==> flow/design.v <==
module reg_bank_stage (clk, rst_n, wr_in, write_addr_in, din_in, rd_idx_in, rd_out);
   parameter D = 8;
   parameter WIDTH = 64;
   localparam ADDR_WIDTH = $clog2(D);
   input clk;
   input rst_n;
   input wr_in;
   input [ADDR_WIDTH-1:0] write_addr_in;
   input [WIDTH-1:0] din_in;
   input [ADDR_WIDTH-1:0] rd_idx_in;
   output [WIDTH-1:0] rd_out;
   reg [WIDTH-1:0] store [0:D-1];
   always @(posedge clk) begin
      if (wr_in)
         store[write_addr_in] <= din_in;
   end
   reg [WIDTH-1:0] r_rd;
   always @(posedge clk) begin
      if (!rst_n) begin
         r_rd <= 0;
      end else begin
         r_rd <= store[rd_idx_in];
      end
   end
   assign rd_out = r_rd;
endmodule
# From RTL to reports: reg_bank_stage
# What the tools print for reg_bank_stage, step after step.
# Line numbers count from 1 in the design file above.
# Operators carry their Yosys type and port widths (W data, S select, Z words).
# Cell names lack the library's common part.
# A cell with n/a has no value.
# setup
design	reg_bank_stage
clk_port	clk
library	sky130hd
pvt_corner	tt_025C_1v80

# Elaborated design
# Counts by Yosys on the flattened word-level netlist (proc, flatten, opt, wreduce; memories kept). Register bits leave out memories and registers merged into their read ports (data or address); mux counts leave out enables and synchronous resets folded into registers. Print and check cells are left out. Cells with the same type and inputs are merged into one.
# Yosys's memory passes give these memory sizes; they may raise the number of words (mostly to a power of two), join words into wider ones and drop unused or constant bits.
# word_totals
word_cells	5
register_bits	0
clocked_rd_ports_x_width	64
output_inout_bits	64
memories	1
ram_bits	512
in_bits	73
# classes
n_reduce_logical	1
n_mux	3
# memory_table
memory	words	width	read_ports	write_ports	line_no	source
store	8	64	1	1	12	reg [WIDTH-1:0] store [0:D-1];
# op_table
operator	count
$mux W64	1
$mux W3	1
$logic_not A1 Y1	1
$mux W1	1

# Depth
# Depth = most cells in a row (Yosys ltp): at word level without a register or memory, in the mapped netlist without a sequential cell, where the memories' decode and read muxes count.
# depth
word_depth	1
ABC_AREA	1
mapped_depth	9
depth_no_buf	6

# After synthesis
# The flow's flattened synthesis, as Yosys stat reports it; memories are mapped. The netlist is that of the ABC_AREA named above (0 if unset); the other value can give another one.
# The area totals of this step are shown rounded.
# by_type
cell	count
edfxtp_1	512
nand2_1	646
inv_1	516
nand3_1	320
dfxtp_1	64
nor2_1	136
buf_6	30
buf_2	61
clkbuf_1	11
buf_1	3
buf_4	1
inv_4	1
# synth_totals
ff_cells	576
seq_area_mm2	0.0167
synth_area_mm2	0.0238
cells	2301

# Worst setup path after synthesis
# Path of least setup slack by OpenSTA after synthesis, without wires, with an ideal clock, recovery checks aside; 20% of the period is set as input and as output delay. Where synthesis merged equal registers, the netlist keeps one of their names.
# synth_path
kind	in2reg
startpoint	in write_addr_in[0]
endpoint	mem store[0][0]
arrival_ns	4.410
driving_pins	3
clock_period_ns	7.96
in_delay_ns	1.592
setup_time_ns	0.487
delay_ns	3.305
t_first_pin_ns	1.592
required_ns	7.473
setup_slack_ns	3.064
n_path_buf	0
synth_period_reached_ns	4.896
# "delay_ns" = arrival - input delay + setup time.
# "driving_pins": output pins that drive a net of the path, with the launching flip-flop's if there is one; two outputs of one cell count as two.
# "synth_period_reached_ns" is the clock period less the worst setup slack; recovery checks do not enter. This is arithmetic on one report: input and output delays are still those of the set period (20% each).
# Between the ends stands the longest chain of elaborated cells between them, by number of cells; it is not shown to be the way that was timed. Of several equally long chains one is given.
# Each line given opens the expression or statement behind the cell; cells for indexed reads and writes are added by Yosys, which also makes memories of some case tables.
# synth_via
cell_sequence	inv_1 > nand2_1 > nor2_1
elab_chain_cells	1
cone_cells	1
classes_between	1 x mux
# synth_rtl
element	line_no	source
start, declared	8	input [ADDR_WIDTH-1:0] write_addr_in;
$mux W3	14	if (wr_in)
end, declared	12	reg [WIDTH-1:0] store [0:D-1];

# Timing after layout
# From the final timing report of run 1: the path of least setup slack in the routed layout; clock arrival at registers is part of the times.
# layout_path
kind	in2reg
startpoint	in rd_idx_in[0]
endpoint	reg r_rd[6]
setup_time_ns	0.10
setup_slack_ns	6.20
t_first_pin_ns	2.04
driving_pins	8
clock_period_ns	10.2
required_ns	10.69
n_path_buf	3
arrival_ns	4.50
in_delay_ns	2.04
# layout_via
cell_sequence	clkbuf_8 > buf_4 > buf_4 > nand2_1 > nand3_1 > nand2_1 > nor2_1 > nor2_1
# layout_rtl
element	line_no	source
start, declared	10	input [ADDR_WIDTH-1:0] rd_idx_in;
end, declared	17	reg [WIDTH-1:0] r_rd;
# Chain of elaborated cells between the ends: none given.

# Design reg_bank_stage on sky130hd. What follows are 3 stored runs of the flow, each under its own settings; their order means nothing. The constraints put input and output delay at 20% of the set period each and load the outputs with 0.01 pF.
# "clock_period_reached_ns" = clock period - worst setup slack. The figure is calculated, with input and output delays left at 20% of the set period.
# Measured values are rounded.
# Among the settings, n/a means not set for that run.
name,run 1,run 2,run 3
period_ns,10.2,11.0,7.96
CORE_UTILIZATION,55,28,40
SETUP_SLACK_MARGIN,2.55,2.4,n/a
CELL_PAD_IN_SITES_GLOBAL_PLACEMENT,0,0,n/a
TNS_END_PERCENT,90,n/a,n/a
ABC_AREA,1,1,n/a
CTS_CLUSTER_DIAMETER,235,n/a,n/a
CAP_MARGIN,35,10,20
CORE_MARGIN,2,2,2
SLEW_MARGIN,20,40,20
PLACE_DENSITY,n/a,0.74,n/a
CELL_PAD_IN_SITES_DETAIL_PLACEMENT,n/a,1,n/a
GPL_TIMING_DRIVEN,n/a,0,n/a
MIN_ROUTING_LAYER,n/a,met2,n/a
MAX_ROUTING_LAYER,n/a,met5,n/a
hold_ws_ns,0.660,0.690,0.632
synthArea_mm2,0.0238,0.0238,0.0213
final_setup_ws_ns,6.20,7.11,4.54
clock_period_reached_ns,4.004,3.889,3.422
setup_tns_ns,0.000,0.000,0.000
die_mm2,0.045,0.0875,0.0552
post_route_stdcell_area_mm2,0.0275,0.0294,0.0254
